==> flow/design.v <==
module my_mul_n (ck, i_rst_n, dataa, datab, start, prod, ready);
  parameter NBITS = 36;
  input ck;
  input i_rst_n;
  input [NBITS-1:0] dataa;
  input [NBITS-1:0] datab;
  input start;
  output [2*NBITS-1:0] prod;
  output ready;
  reg [NBITS-1:0] dataa_ff;
  reg [NBITS-1:0] datab_ff;
  reg start_ff;
  always @(posedge ck) begin
    if (~i_rst_n) begin
      dataa_ff <= 0;
      datab_ff <= 0;
      start_ff <= 1'b0;
    end else begin
      dataa_ff <= dataa;
      datab_ff <= datab;
      start_ff <= start;
    end
  end
  localparam LOGN = $clog2(NBITS + 1);
  reg [NBITS-1:0] mcand;
  reg [LOGN-1:0] ctr;
  always @(posedge ck) begin
    if (~i_rst_n) begin
      mcand <= 0;
      ctr <= 0;
    end else begin
      mcand <= start_ff ? dataa_ff : mcand;
      ctr <= start_ff ? NBITS : (ctr != 0) ? ctr - 1'b1 : ctr;
    end
  end
  reg [2*NBITS-1:0] state;
  wire [NBITS:0] r;
  assign r = state[2*NBITS-1:NBITS] + (state[0] ? mcand : {NBITS{1'b0}});
  always @(posedge ck) begin
    if (~i_rst_n) begin
      state <= 0;
    end else begin
      state <= start_ff ? {{NBITS{1'b0}}, datab_ff} : (ctr != 0) ? {r, state[NBITS-1:1]} : state;
    end
  end
  assign prod = state;
  assign ready = (ctr == 0);
endmodule
; Reports on my_mul_n
; What the tools print for my_mul_n, step after step.
; Lines are those of the file above, counted from 1.
; Operators: Yosys type, input widths -> output width; for muxes data width and select width s.
; Cell names lack the library's common part.
; The mark - stands for no value.
[design]
top_module = my_mul_n
clock_port = ck
library = sky130hd
corner = tt_025C_1v80

; Word level
; Yosys after proc, flatten, opt, wreduce and memory -nomap, before mapping. Memory bits, and registers merged into a memory's read port (data or address), are not among the register bits. Print and check cells are not counted. Equal cells are merged and count once.
[bits]
register_bits = 187
wordCells = 20
inputBits = 75
out_inout_bits = 73
[op_classes]
reduce_and_logical = 4
logic = 1
n_mux = 5
n_addsub = 2
[op_table]
columns = operator, n
row1 = $mux 36, 3
row2 = $add 36x36->37, 1
row3 = $mux 6, 2
row4 = $sub 6x1->6 const B, 1
row5 = $logic_not 6->1, 1
row6 = $reduce_bool 6->1, 1
row7 = $reduce_bool 2->1, 1
row8 = $reduce_or 2->1, 1
row9 = $not 1->1, 1

; Longest topological paths
; Depth = most cells in a row (Yosys ltp): at word level without a register or memory, in the mapped netlist without a sequential cell, where the memories' decode and read muxes count.
[logic_depth]
word_depth = 4
ABC_AREA = 0
depth_mapped = 13

; Synthesis result
; Yosys stat after the flow's synthesis: flattened, memories mapped to cells. It holds for the ABC_AREA given above (unset counts as 0); a run with the other value may have another netlist.
; Totals and module areas in this step are rounded.
[types]
columns = cell_type, n, area_total_um2
row1 = dfxtp_1, 187, 3743.59
row2 = and2_1, 110, 688.16
row3 = a21oi_1, 121, 605.581
row4 = nor2b_1, 82, 512.992
row5 = nand2_1, 132, 495.475
row6 = ha_1, 38, 475.456
row7 = mux2i_1, 38, 380.365
row8 = clkbuf_1, 50, 187.68
row9 = a21o_1, 21, 157.651
row10 = xnor2_1, 17, 148.893
row11 = nor2_1, 34, 127.622
row12 = nand3_1, 25, 125.12
row13 = xor2_1, 13, 113.859
row14 = o21ai_0, 17, 85.082
row15 = a211oi_1, 10, 75.072
row16 = o211ai_1, 7, 52.55
row17 = o21bai_1, 6, 45.043
row18 = nand4_1, 7, 43.792
; Other cell types: 35; their cells: 95.
[synth_totals]
area_um2 = 8720
ffs = 187
seqArea_um2 = 3740
mapped_cells = 1010
buffers = 64

; Worst setup path after synthesis
; Path of least setup slack by OpenSTA after synthesis, without wires, with an ideal clock, recovery checks aside; 20% of the period is set as input and as output delay. Where synthesis merged equal registers, the netlist keeps one of their names.
[synth_path]
path_kind = reg-to-reg
start = register state[0]
end = register state[71]
slack_ns = 0.735
path_delay_ns = 2.926
arrival_ns = 2.801
stages = 13
tclk_ns = 3.66
period_less_setup_slack_ns = 2.925
; "path_delay_ns" = arrival - input delay + setup time.
; "stages" counts driving pins, that of a launching flip-flop among them; a cell with two outputs on the path counts twice.
; "period_less_setup_slack_ns" = period - worst setup slack (recovery checks aside). The figure is calculated, with input and output delays left at 20% of the set period.
; The rows between start and end are the longest chain of elaborated cells between them; the timing report does not say that the signal goes this way. Where chains are equally long, one stands for them.
; A line is the first line of the expression or statement that the cell stems from. Yosys adds cells for indexed reads and writes and turns some case tables into memories.
[synth_via]
path_cell_list = dfxtp_1 clkbuf_1 and2_1 ha_1 fa_1 a21o_1 a221oi_2 nand2_1 a21oi_1 o221ai_2 o221a_4 a2111oi_2 nor2_1
elab_chain_cells = 2
[synth_lines]
columns = element, line
row1 = "start, declared", 36  ; reg [2*NBITS-1:0] state;
row2 = "start, assigned", 41  ; state <= 0;
row3 = "start, assigned", 43  ; state <= start_ff ? {{NBITS{1'b0}}, datab_ff} : (ctr != 0) ? {r, state[NBITS-1:1]} : state;
row4 = $mux 36, 38  ; assign r = state[2*NBITS-1:NBITS] + (state[0] ? mcand : {NBITS{1'b0}});
row5 = $add 36x36->37, 38
row6 = "end, assigned", 41
row7 = "end, assigned", 43
row8 = "end, declared", 36

; Timing after layout
; From the final timing report of entry A: the path of least setup slack in the routed layout; clock arrival at registers is part of the times.
[layout_path]
path_kind = reg-to-reg
start = register state[0]
end = register state[71]
tclk_ns = 3.07
stages = 12
arrival_ns = 3.07
slack_ns = 0.32
; The rows between start and end are the longest chain of elaborated cells between them; the timing report does not say that the signal goes this way. Where chains are equally long, one stands for them.
[layout_via]
path_cell_list = dfxtp_4 and2_4 ha_4 fa_2 a21o_1 a221oi_4 nand2_2 a21oi_4 o221ai_2 o221a_4 a2111oi_4 nor2_1
elab_chain_cells = 2
[layout_lines]
columns = element, line
row1 = "start, declared", 36  ; reg [2*NBITS-1:0] state;
row2 = "start, assigned", 41  ; state <= 0;
row3 = "start, assigned", 43  ; state <= start_ff ? {{NBITS{1'b0}}, datab_ff} : (ctr != 0) ? {r, state[NBITS-1:1]} : state;
row4 = $mux 36, 38  ; assign r = state[2*NBITS-1:NBITS] + (state[0] ? mcand : {NBITS{1'b0}});
row5 = $add 36x36->37, 38
row6 = "end, assigned", 41
row7 = "end, assigned", 43
row8 = "end, declared", 36

==> runs of my_mul_n <==
Measured results for my_mul_n: 3 stored runs of the Yosys and OpenROAD flow on sky130hd. The settings differ; the order carries no meaning. The constraints put input and output delay at 20% of the set period each and load the outputs with 0.01 pF.
"period_less_ws_ns" = clock period - worst setup slack. The figure is calculated, with input and output delays left at 20% of the set period.
"final_power_uw" is the tool's figure for a default switching activity; nothing was simulated.
Values from the reports are rounded here.

# entry A
==> flow/run.sh <==
#!/bin/bash
# the make line also repeats the synthesis and layout settings of config.mk as NAME=value (left out here)
make -C /OpenROAD-flow-scripts/flow DESIGN_CONFIG=/design/flow/config.mk WORK_HOME=/design/flow/orfs CLKGATE_MAP_FILE= finish
==> flow/config.mk <==
export PLATFORM = sky130hd
export DESIGN_NAME = my_mul_n
export DESIGN_NICKNAME = my_mul_n
export VERILOG_FILES = /design/flow/design.v
export SDC_FILE = /design/flow/constraint.sdc
export NUM_CORES = 4
export LEC_CHECK = 0
export CAP_MARGIN = 20
export CELL_PAD_IN_SITES_GLOBAL_PLACEMENT = 0
export CORE_MARGIN = 5
export CORE_UTILIZATION = 47
export CTS_CLUSTER_SIZE = 72
export GPL_TIMING_DRIVEN = 1
export HOLD_SLACK_MARGIN = 0.16
export MAX_ROUTING_LAYER = met5
export MIN_ROUTING_LAYER = met1
export PLACE_DENSITY_LB_ADDON = 0.07
export SETUP_SLACK_MARGIN = 0.83
export SLEW_MARGIN = 20
==> flow/constraint.sdc <==
create_clock -name core_clock -period 3.07 [get_ports {ck}]
set_input_delay 0.6140 -clock core_clock [delete_from_list [all_inputs] [get_ports {ck}]]
set_output_delay 0.6140 -clock core_clock [all_outputs]
set_load 0.01 [all_outputs]

==> entry A: results <==
final_hold_ws_ns=0.448
ys_area_um2=8720
finalCellArea_um2=12000
util_pct=66.3
tns_ns=0.000
die_area_um2=21400
fin_ws_ns=0.324
period_less_ws_ns=2.746
final_power_uw=6770

# entry B
==> flow/run.sh <==
#!/bin/bash
# the make line also repeats the synthesis and layout settings of config.mk as NAME=value (left out here)
make -C /OpenROAD-flow-scripts/flow DESIGN_CONFIG=/design/flow/config.mk WORK_HOME=/design/flow/orfs CLKGATE_MAP_FILE= finish
==> flow/config.mk <==
export PLATFORM = sky130hd
export DESIGN_NAME = my_mul_n
export DESIGN_NICKNAME = my_mul_n
export VERILOG_FILES = /design/flow/design.v
export SDC_FILE = /design/flow/constraint.sdc
export NUM_CORES = 4
export LEC_CHECK = 0
export CAP_MARGIN = 20
export CORE_MARGIN = 2
export CORE_UTILIZATION = 40
export SLEW_MARGIN = 20
==> flow/constraint.sdc <==
create_clock -name core_clock -period 3.66 [get_ports {ck}]
set_input_delay 0.7320 -clock core_clock [delete_from_list [all_inputs] [get_ports {ck}]]
set_output_delay 0.7320 -clock core_clock [all_outputs]
set_load 0.01 [all_outputs]

==> entry B: results <==
final_hold_ws_ns=0.479
ys_area_um2=8720
finalCellArea_um2=11000
util_pct=50.8
tns_ns=0.000
die_area_um2=23000
fin_ws_ns=0.553
period_less_ws_ns=3.107
final_power_uw=5570

# entry C
==> flow/run.sh <==
#!/bin/bash
# the make line also repeats the synthesis and layout settings of config.mk as NAME=value (left out here)
make -C /OpenROAD-flow-scripts/flow DESIGN_CONFIG=/design/flow/config.mk WORK_HOME=/design/flow/orfs CLKGATE_MAP_FILE= finish
==> flow/config.mk <==
export PLATFORM = sky130hd
export DESIGN_NAME = my_mul_n
export DESIGN_NICKNAME = my_mul_n
export VERILOG_FILES = /design/flow/design.v
export SDC_FILE = /design/flow/constraint.sdc
export NUM_CORES = 4
export LEC_CHECK = 0
export ABC_AREA = 0
export CAP_MARGIN = 20
export CELL_PAD_IN_SITES_DETAIL_PLACEMENT = 0
export CORE_MARGIN = 2
export CORE_UTILIZATION = 69
export CTS_CLUSTER_SIZE = 88
export MIN_ROUTING_LAYER = met2
export PLACE_DENSITY = 0.79
export SLEW_MARGIN = 20
export TNS_END_PERCENT = 100
==> flow/constraint.sdc <==
create_clock -name core_clock -period 2.15 [get_ports {ck}]
set_input_delay 0.4300 -clock core_clock [delete_from_list [all_inputs] [get_ports {ck}]]
set_output_delay 0.4300 -clock core_clock [all_outputs]
set_load 0.01 [all_outputs]

==> entry C: results <==
outcome="incomplete, clock tree synthesis halted on DPL-0038"
